==> flow/design.v <==
module plus_blk #(
    parameter W = 5
) (
    input  logic CLK,
    input  logic nrst,
    input  logic [W-1:0] src1,
    input  logic [W-1:0] src2,
    input  logic [W-1:0] src3,
    output logic [W+1:0] s
);
    logic [W-1:0] src1_r;
    logic [W-1:0] src2_r;
    logic [W-1:0] src3_r;
    always_ff @(posedge CLK) begin
        if (!nrst) begin
            src1_r <= 0;
            src2_r <= 0;
            src3_r <= 0;
        end else begin
            src1_r <= src1;
            src2_r <= src2;
            src3_r <= src3;
        end
    end
    assign s = src1_r + src2_r + src3_r;
endmodule
# ---- Step by step through the tools: plus_blk
# Tool output for the design above, in the order of the flow.
# Line numbers count from 1 in the design file above.
# Operators: Yosys type, input widths -> output width; for muxes data width and select width s.
# Cell names lack the library's common part.
# A cell with -- has no value.
dict set report inputs {
  design {plus_blk}
  clock {CLK}
  library {sky130hd}
  pvt_corner {tt_025C_1v80}
}

# ---- Elaborated design
# Yosys after proc, flatten, opt, wreduce and memory -nomap, before mapping. Enables and synchronous resets that opt folds into registers are not counted as muxes. Memory bits, and registers merged into a memory's read port (data or address), are not among the register bits. Print and check cells are not counted. Equal cells are merged and count once.
dict set report op_classes {
  add_sub_neg 2
}
# operator n
set op_table {}
lappend op_table {{$add 6x5->7} 1}
lappend op_table {{$add 5x5->6} 1}
dict set report bits {
  wordCells 5
  input_bits 17
  out_inout_bits 7
  register_bits 15
}

# ---- Depth
# Yosys ltp: most cells in a row. Word level: on the elaborated netlist, between registers, memories and ports. Mapped: between sequential cells and ports; inverters and the memories' decode and read muxes count.
dict set report logic_depth {
  word_depth 2
  abc_area 0
  mapped_depth 8
  mapped_depth_nobuf 8
}

# ---- Netlist
# Yosys stat after the flow's synthesis: flattened, memories mapped to cells. It holds for the ABC_AREA given above (unset counts as 0); a run with the other value may have another netlist.
# The area totals of this step are shown rounded.
# cell_type n area_total_um2
set types {}
lappend types {dfxtp_1 15 300.288}
lappend types {fa_1 6 120.115}
lappend types {and2_1 15 93.84}
lappend types {ha_1 4 50.048}
lappend types {inv_1 10 37.536}
lappend types {a21oi_2 2 17.517}
lappend types {xor2_1 2 17.517}
lappend types {a21o_1 2 15.014}
lappend types {xnor2_1 1 8.758}
lappend types {nand2b_1 1 6.256}
lappend types {o22ai_1 1 6.256}
lappend types {clkbuf_1 1 3.754}
dict set report mapped {
  flip_flops 15
  seq_area_mm2 0.0003
  area_mm2 0.00068
  n_buf 1
  cells 60
}

# ---- Worst setup path after synthesis
# OpenSTA on the mapped netlist: ideal clock, no wires. The path of least setup slack (recovery checks aside). Input and output delay are each 20% of the period. Register names are those of the netlist, which keeps one name where synthesis merged equal registers.
dict set report synth_timing {
  path_type {reg-to-output}
  start {register src1_r[1]}
  end {output s[5]}
  t_required_ns 2.408
  t_arrival_ns 1.926
  delay_ns 1.926
  slack_ns 0.482
  output_delay_ns 0.602
  t_first_pin_ns 0.000
  driving_pins 7
  n_path_buf 0
  clock_period_ns 3.01
  period_less_setup_slack_ns 2.528
}
# "delay_ns" is the arrival time less input delay plus setup time.
# A path that ends at an output port has no setup time.
# "driving_pins": output pins that drive a net of the path, with the launching flip-flop's if there is one; two outputs of one cell count as two.
# "period_less_setup_slack_ns" = period - worst setup slack (recovery checks aside). The figure is calculated, with input and output delays left at 20% of the set period.
# Between the ends stands the longest chain of elaborated cells between them, by number of cells; it is not shown to be the way that was timed. Of several equally long chains one is given.
# Each line given opens the expression or statement behind the cell; cells for indexed reads and writes are added by Yosys, which also makes memories of some case tables.
dict set report synth_via {
  path_cell_list {dfxtp_1 > fa_1 > ha_1 > fa_1 > a21o_1 > a21oi_2 > xor2_1}
  elab_chain_len 2
  cells_between 2
  cone_lines 1
  classes_between {2 x add/sub}
}
# element line
set synth_rtl {}
lappend synth_rtl {{start: declaration} 11} ;# logic [W-1:0] src1_r;
lappend synth_rtl {{start: assignment} 16} ;# src1_r <= 0;
lappend synth_rtl {{start: assignment} 20} ;# src1_r <= src1;
lappend synth_rtl {{$add 5x5->6} 25} ;# assign s = src1_r + src2_r + src3_r;
lappend synth_rtl {{$add 6x5->7} 25}
lappend synth_rtl {{end: declaration} 9} ;# output logic [W+1:0] s

# ---- Worst path after layout
# Path of least setup slack in the final report of stored run 1 (OpenROAD, finished layout, wires in). Where an end is a register, its clock arrival counts in the times.
dict set report layout_timing {
  path_type {reg-to-output}
  start {register src1_r[1]}
  end {output s[2]}
  slack_ns 0.12
  output_delay_ns 0.60
  t_required_ns 2.41
  t_first_pin_ns 0.26
  driving_pins 5
  n_path_buf 1
  clock_period_ns 3.01
  t_arrival_ns 2.29
}
# Between the ends stands the longest chain of elaborated cells between them, by number of cells; it is not shown to be the way that was timed. Of several equally long chains one is given.
dict set report layout_via {
  path_cell_list {dfxtp_1 > fa_1 > ha_2 > fa_1 > clkdlybuf4s50_1}
  elab_chain_len 2
  cells_between 2
  cone_lines 1
  classes_between {2 x add/sub}
}
# element line
set layout_rtl {}
lappend layout_rtl {{start: declaration} 11} ;# logic [W-1:0] src1_r;
lappend layout_rtl {{start: assignment} 16} ;# src1_r <= 0;
lappend layout_rtl {{start: assignment} 20} ;# src1_r <= src1;
lappend layout_rtl {{$add 5x5->6} 25} ;# assign s = src1_r + src2_r + src3_r;
lappend layout_rtl {{$add 6x5->7} 25}
lappend layout_rtl {{end: declaration} 9} ;# output logic [W+1:0] s

Memo
Re: implementation data of plus_blk

Record of 3 stored runs of the RTL-to-layout flow on plus_blk, platform sky130hd. The runs are unordered. Constraints: input delay and output delay 20% of the set period each, output load 0.01 pF.
By "period_reached_ns" is meant the clock period of the run minus its worst setup slack. This is arithmetic on one report: input and output delays are still those of the set period (20% each).
By "power_uw" is meant OpenSTA's value without simulated activity: inputs other than the clock are taken to toggle once in ten clock periods, and the tool carries that through the logic.
Results are given in rounded form.

[flow] stored run 1: files
==> flow/run.sh <==
#!/bin/bash
# the make line also repeats the synthesis and layout settings of config.mk as NAME=value (left out here)
make -C /OpenROAD-flow-scripts/flow DESIGN_CONFIG=/design/flow/config.mk WORK_HOME=/design/flow/orfs CLKGATE_MAP_FILE= finish
==> flow/config.mk <==
export PLATFORM = sky130hd
export DESIGN_NAME = plus_blk
export DESIGN_NICKNAME = plus_blk
export VERILOG_FILES = /design/flow/design.v
export SDC_FILE = /design/flow/constraint.sdc
export NUM_CORES = 4
export LEC_CHECK = 0
export CAP_MARGIN = 20
export CORE_MARGIN = 2
export CORE_UTILIZATION = 40
export SLEW_MARGIN = 20
==> flow/constraint.sdc <==
create_clock -name core_clock -period 3.01 [get_ports {CLK}]
set_input_delay 0.6020 -clock core_clock [delete_from_list [all_inputs] [get_ports {CLK}]]
set_output_delay 0.6020 -clock core_clock [all_outputs]
set_load 0.01 [all_outputs]

[flow] stored run 1: metrics
[metrics] post_synth_area_mm2 = 0.00068
[metrics] design.die.area_mm2 = 0.002
[metrics] finish.utilization_frac = 0.62
[metrics] setup_ws_ns = 0.12
[metrics] setup_tns_ns = 0.000
[metrics] timing.hold.ws_ns = 0.91
[metrics] power_uw = 440
[metrics] period_reached_ns = 2.887

[flow] stored run 2: files
==> flow/run.sh <==
#!/bin/bash
# the make line also repeats the synthesis and layout settings of config.mk as NAME=value (left out here)
make -C /OpenROAD-flow-scripts/flow DESIGN_CONFIG=/design/flow/config.mk WORK_HOME=/design/flow/orfs CLKGATE_MAP_FILE= finish
==> flow/config.mk <==
export PLATFORM = sky130hd
export DESIGN_NAME = plus_blk
export DESIGN_NICKNAME = plus_blk
export VERILOG_FILES = /design/flow/design.v
export SDC_FILE = /design/flow/constraint.sdc
export NUM_CORES = 4
export LEC_CHECK = 0
export ABC_AREA = 0
export CAP_MARGIN = 20
export CELL_PAD_IN_SITES_DETAIL_PLACEMENT = 2
export CORE_ASPECT_RATIO = 0.8
export CORE_MARGIN = 2
export CORE_UTILIZATION = 68
export MIN_ROUTING_LAYER = met1
export PLACE_DENSITY = 0.5
export SETUP_SLACK_MARGIN = 0.22
export SLEW_MARGIN = 20
export TNS_END_PERCENT = 15
==> flow/constraint.sdc <==
create_clock -name core_clock -period 2.3 [get_ports {CLK}]
set_input_delay 0.4600 -clock core_clock [delete_from_list [all_inputs] [get_ports {CLK}]]
set_output_delay 0.4600 -clock core_clock [all_outputs]
set_load 0.01 [all_outputs]

[flow] stored run 2: not finished: floorplanning ended with error PDN-0185

[flow] stored run 3: files
==> flow/run.sh <==
#!/bin/bash
# the make line also repeats the synthesis and layout settings of config.mk as NAME=value (left out here)
make -C /OpenROAD-flow-scripts/flow DESIGN_CONFIG=/design/flow/config.mk WORK_HOME=/design/flow/orfs CLKGATE_MAP_FILE= finish
==> flow/config.mk <==
export PLATFORM = sky130hd
export DESIGN_NAME = plus_blk
export DESIGN_NICKNAME = plus_blk
export VERILOG_FILES = /design/flow/design.v
export SDC_FILE = /design/flow/constraint.sdc
export NUM_CORES = 4
export LEC_CHECK = 0
export ABC_AREA = 0
export CAP_MARGIN = 20
export CELL_PAD_IN_SITES_DETAIL_PLACEMENT = 1
export CORE_ASPECT_RATIO = 1.07
export CORE_MARGIN = 9
export CORE_UTILIZATION = 56
export GPL_TIMING_DRIVEN = 0
export PLACE_DENSITY = 0.74
export SLEW_MARGIN = 10
export TNS_END_PERCENT = 95
==> flow/constraint.sdc <==
create_clock -name core_clock -period 3.53 [get_ports {CLK}]
set_input_delay 0.7060 -clock core_clock [delete_from_list [all_inputs] [get_ports {CLK}]]
set_output_delay 0.7060 -clock core_clock [all_outputs]
set_load 0.01 [all_outputs]

[flow] stored run 3: not finished: placement ended with error DPL-0033
